==> flow/design.v <==
module gen_sub_unit_mod #(
    parameter int DATA_WIDTH = 56
) (
    input  logic CLK,
    input  logic [DATA_WIDTH-1:0] i_x,
    input  logic [DATA_WIDTH-1:0] i_y,
    output logic [DATA_WIDTH-1:0] o_diff
);
    logic [DATA_WIDTH-1:0] x_d1;
    logic [DATA_WIDTH-1:0] y_d1;
    logic [DATA_WIDTH:0] t_d1;
    always_ff @(posedge CLK) begin
        x_d1 <= i_x;
        y_d1 <= i_y;
        t_d1 <= x_d1 - y_d1;
        o_diff <= t_d1[DATA_WIDTH] ? {DATA_WIDTH{1'b0}} : t_d1[DATA_WIDTH-1:0];
    end
endmodule
* Step by step through the tools: gen_sub_unit_mod
What the tools print for gen_sub_unit_mod, step after step. Lines are those of the file above, counted from 1. Operators: Yosys type, input widths -> output width; for muxes data width and select width s. Library cell names are shortened. A cell with - has no value.
Inputs: design top gen_sub_unit_mod, clock port CLK, library sky130hd, timing corner tt_025C_1v80

* After elaboration
Source: Yosys, flattened and elaborated, memories not mapped. Widths are those after wreduce; folded enables and synchronous resets count as part of the registers. Registers that Yosys merges into a memory's read port (data or address) are not register bits. Print and check cells do not count. Equal cells are merged and count once.
Operators by class: order comparisons 0, div/mod/pow operators 0, add/subtract/negate cells 1, equal/unequal tests 0, reduce/logical cells 0, shift operators 0, bitwise logic cells 0, $mul 0, muxes and demuxes 0
Operators by type and width (count):
- $sub 56x56->57 | 1
Word-level totals: clocked read ports x word width 0, bits in registers 225, memory cells 0, bits of input ports 113, cells after elaboration 5, bits in latches 0, memory bits (writable) 0, ROM bits 0, output and inout bits 56

* Logic depth
Longest topological path by Yosys (ltp), each cell counted once; first at word level (registers and memories cut), then after technology mapping (sequential cells cut; the memories' decode and read muxes count).
Depth: depth after elaboration 1, ABC_AREA 0, gate-level depth with buffers 12, depth with buffers taken out 12

* Synthesis result
Yosys stat after the flow's synthesis: flattened, memories mapped to cells. It holds for the ABC_AREA given above (unset counts as 0); a run with the other value may have another netlist.
Synthesis totals: buffer cells 24, sequential part of the area 4504.3 um^2, synthesis area 8456.9 um^2, mapped cells 835, flip-flop cells 225
Cell types:
- dfxtp_1 | count 225, area in all 4504.32 um^2
- ha_1 | count 56, area in all 700.672 um^2
- nor2b_1 | count 62, area in all 387.872 um^2
- a21oi_1 | count 72, area in all 360.346 um^2
- inv_1 | count 75, area in all 281.52 um^2
- xnor2_1 | count 31, area in all 271.51 um^2
- nand2_1 | count 57, area in all 213.955 um^2
- xor2_1 | count 22, area in all 192.685 um^2
- o21ai_0 | count 36, area in all 180.173 um^2
- a21o_1 | count 19, area in all 142.637 um^2
- nor2_1 | count 31, area in all 116.362 um^2
- o21bai_1 | count 12, area in all 90.086 um^2
- nand4_1 | count 12, area in all 75.072 um^2
- clkbuf_1 | count 17, area in all 63.811 um^2
- o21a_1 | count 8, area in all 60.058 um^2
- nand2b_1 | count 8, area in all 50.048 um^2
- nand3_1 | count 10, area in all 50.048 um^2
- nor3_1 | count 9, area in all 45.043 um^2
Not listed: further types 43, cells in them 73.

* Timing after synthesis
OpenSTA on the mapped netlist: ideal clock, no wires. The path of least setup slack (recovery checks aside). Input and output delay are each 20% of the period. Register names are those of the netlist, which keeps one name where synthesis merged equal registers.
Path after synthesis: kind register to register, from reg x_d1[0], to reg t_d1[52], stages 13, clock period 3350 ps, required time 3230 ps, buffers on the path 0, setup time 120 ps, launch time at the first pin 0 ps, setup slack 668 ps, delay of the path 2682 ps, arrival time 2562 ps, period reached after synthesis 2682 ps
"delay of the path" = arrival - input delay + setup time. "stages" counts driving pins, that of a launching flip-flop among them; a cell with two outputs on the path counts twice. "period reached after synthesis" = period - worst setup slack (recovery checks aside). The figure is calculated, with input and output delays left at 20% of the set period. The rows between start and end are the longest chain of elaborated cells between them; the timing report does not say that the signal goes this way. Where chains are equally long, one stands for them. Each line given opens the expression or statement behind the cell; cells for indexed reads and writes are added by Yosys, which also makes memories of some case tables.
Between the ends, after synthesis: cells stage by stage dfxtp_1 inv_1 ha_1 fa_1 nand2b_1 a21o_1 a211oi_2 o21ai_1 o31a_1 o41ai_4 a31o_2 a21oi_1 xnor2_1, length of the longest elaborated chain 1, elaborated cells between the ends (all ways) 1, source lines of those cells 1, classes of those cells add/sub: 1
RTL lines, path after synthesis:
- start: declaration | line 9 | logic [DATA_WIDTH-1:0] x_d1;
- start: assignment | line 13 | x_d1 <= i_x;
- $sub 56x56->57 | line 15 | t_d1 <= x_d1 - y_d1;
- end: assignment | line 15
- end: declaration | line 11 | logic [DATA_WIDTH:0] t_d1;

* Path in the finished layout
From the final timing report of run A: the path of least setup slack in the routed layout; clock arrival at registers is part of the times. The report prints the path's times to 10 ps; the period is as set.
Path post-layout: kind register to register, from reg x_d1[0], to reg t_d1[52], setup time 110 ps, arrival time 3370 ps, required time 3740 ps, buffers on the path 0, stages 13, setup slack 370 ps, clock period 3350 ps, launch time at the first pin 500 ps
The rows between start and end are the longest chain of elaborated cells between them; the timing report does not say that the signal goes this way. Where chains are equally long, one stands for them.
Between the ends, post-layout: cells stage by stage dfxtp_1 inv_1 ha_1 fa_1 nand2b_1 a21o_1 a211oi_2 o21ai_1 o31a_1 o41ai_4 a31o_2 a21oi_1 xnor2_1, length of the longest elaborated chain 1, elaborated cells between the ends (all ways) 1, source lines of those cells 1, classes of those cells add/sub: 1
RTL lines, path post-layout:
- start: declaration | line 9 | logic [DATA_WIDTH-1:0] x_d1;
- start: assignment | line 13 | x_d1 <= i_x;
- $sub 56x56->57 | line 15 | t_d1 <= x_d1 - y_d1;
- end: assignment | line 15
- end: declaration | line 11 | logic [DATA_WIDTH:0] t_d1;

Below are 3 stored runs of the flow (Yosys, OpenROAD; platform sky130hd) on gen_sub_unit_mod, each with its settings and what was measured, unordered. Constraints: input delay and output delay 20% of the set period each, output load 0.01 pF.
"clock period achieved" means the clock period less the worst setup slack. The figure is calculated, with input and output delays left at 20% of the set period.
"worst path time" means the part of the period allowed to the worst setup path (the constraints hold back 20% at inputs and 20% at outputs) less its slack; where the path has registers, the arrival times of their clocks count too.
"total power after layout": no workload was simulated; the value follows from the tool's default switching activity.
"worst path time" is known to 10 ps.

[run A] flow files
==> flow/run.sh <==
#!/bin/bash
# the make line also repeats the synthesis and layout settings of config.mk as NAME=value (left out here)
make -C /OpenROAD-flow-scripts/flow DESIGN_CONFIG=/design/flow/config.mk WORK_HOME=/design/flow/orfs CLKGATE_MAP_FILE= finish
==> flow/config.mk <==
export PLATFORM = sky130hd
export DESIGN_NAME = gen_sub_unit_mod
export DESIGN_NICKNAME = gen_sub_unit_mod
export VERILOG_FILES = /design/flow/design.v
export SDC_FILE = /design/flow/constraint.sdc
export NUM_CORES = 4
export LEC_CHECK = 0
export CAP_MARGIN = 20
export CORE_MARGIN = 2
export CORE_UTILIZATION = 40
export SLEW_MARGIN = 20
==> flow/constraint.sdc <==
create_clock -name core_clock -period 3.35 [get_ports {CLK}]
set_input_delay 0.6700 -clock core_clock [delete_from_list [all_inputs] [get_ports {CLK}]]
set_output_delay 0.6700 -clock core_clock [all_outputs]
set_load 0.01 [all_outputs]

[run A] result: clock period achieved 2984 ps; total power after layout 7.054 mW; worst setup slack after layout 366 ps; smallest hold slack 433 ps; worst path time 2980 ps; critical path kind register to register; die area 22321.9 um^2; standard-cell area after layout 11242.0 um^2; final setup TNS 0 ps; area of the synthesized netlist 8456.9 um^2; post-route utilization 0.538

[run B] flow files
==> flow/run.sh <==
#!/bin/bash
# the make line also repeats the synthesis and layout settings of config.mk as NAME=value (left out here)
make -C /OpenROAD-flow-scripts/flow DESIGN_CONFIG=/design/flow/config.mk WORK_HOME=/design/flow/orfs CLKGATE_MAP_FILE= finish
==> flow/config.mk <==
export PLATFORM = sky130hd
export DESIGN_NAME = gen_sub_unit_mod
export DESIGN_NICKNAME = gen_sub_unit_mod
export VERILOG_FILES = /design/flow/design.v
export SDC_FILE = /design/flow/constraint.sdc
export NUM_CORES = 4
export LEC_CHECK = 0
export CAP_MARGIN = 5
export CORE_ASPECT_RATIO = 1.69
export CORE_MARGIN = 2
export CORE_UTILIZATION = 31
export GPL_TIMING_DRIVEN = 0
export MAX_ROUTING_LAYER = met4
export MIN_ROUTING_LAYER = met2
export PLACE_DENSITY_LB_ADDON = 0.08
export SETUP_SLACK_MARGIN = 0.3
export SLEW_MARGIN = 20
export TNS_END_PERCENT = 65
==> flow/constraint.sdc <==
create_clock -name core_clock -period 3.24 [get_ports {CLK}]
set_input_delay 0.6480 -clock core_clock [delete_from_list [all_inputs] [get_ports {CLK}]]
set_output_delay 0.6480 -clock core_clock [all_outputs]
set_load 0.01 [all_outputs]

[run B] result: clock period achieved 2892 ps; total power after layout 7.226 mW; worst setup slack after layout 348 ps; smallest hold slack 433 ps; worst path time 2890 ps; critical path kind register to register; die area 28662.6 um^2; standard-cell area after layout 11607.4 um^2; final setup TNS 0 ps; area of the synthesized netlist 8456.9 um^2; post-route utilization 0.432

[run C] flow files
==> flow/run.sh <==
#!/bin/bash
# the make line also repeats the synthesis and layout settings of config.mk as NAME=value (left out here)
make -C /OpenROAD-flow-scripts/flow DESIGN_CONFIG=/design/flow/config.mk WORK_HOME=/design/flow/orfs CLKGATE_MAP_FILE= finish
==> flow/config.mk <==
export PLATFORM = sky130hd
export DESIGN_NAME = gen_sub_unit_mod
export DESIGN_NICKNAME = gen_sub_unit_mod
export VERILOG_FILES = /design/flow/design.v
export SDC_FILE = /design/flow/constraint.sdc
export NUM_CORES = 4
export LEC_CHECK = 0
export ABC_AREA = 1
export CAP_MARGIN = 20
export CELL_PAD_IN_SITES_GLOBAL_PLACEMENT = 1
export CORE_ASPECT_RATIO = 1.64
export CORE_MARGIN = 10
export CORE_UTILIZATION = 40
export CTS_CLUSTER_DIAMETER = 275
export MAX_ROUTING_LAYER = met4
export MIN_ROUTING_LAYER = met1
export PLACE_DENSITY = 0.56
export SETUP_SLACK_MARGIN = -0.22
export SLEW_MARGIN = 20
==> flow/constraint.sdc <==
create_clock -name core_clock -period 2.62 [get_ports {CLK}]
set_input_delay 0.5240 -clock core_clock [delete_from_list [all_inputs] [get_ports {CLK}]]
set_output_delay 0.5240 -clock core_clock [all_outputs]
set_load 0.01 [all_outputs]

[run C] result: clock period achieved 2393 ps; total power after layout 9.046 mW; worst setup slack after layout 227 ps; smallest hold slack 399 ps; worst path time 2390 ps; critical path kind register to register; die area 32688.0 um^2; standard-cell area after layout 13192.7 um^2; final setup TNS 0 ps; area of the synthesized netlist 10272.4 um^2; post-route utilization 0.519
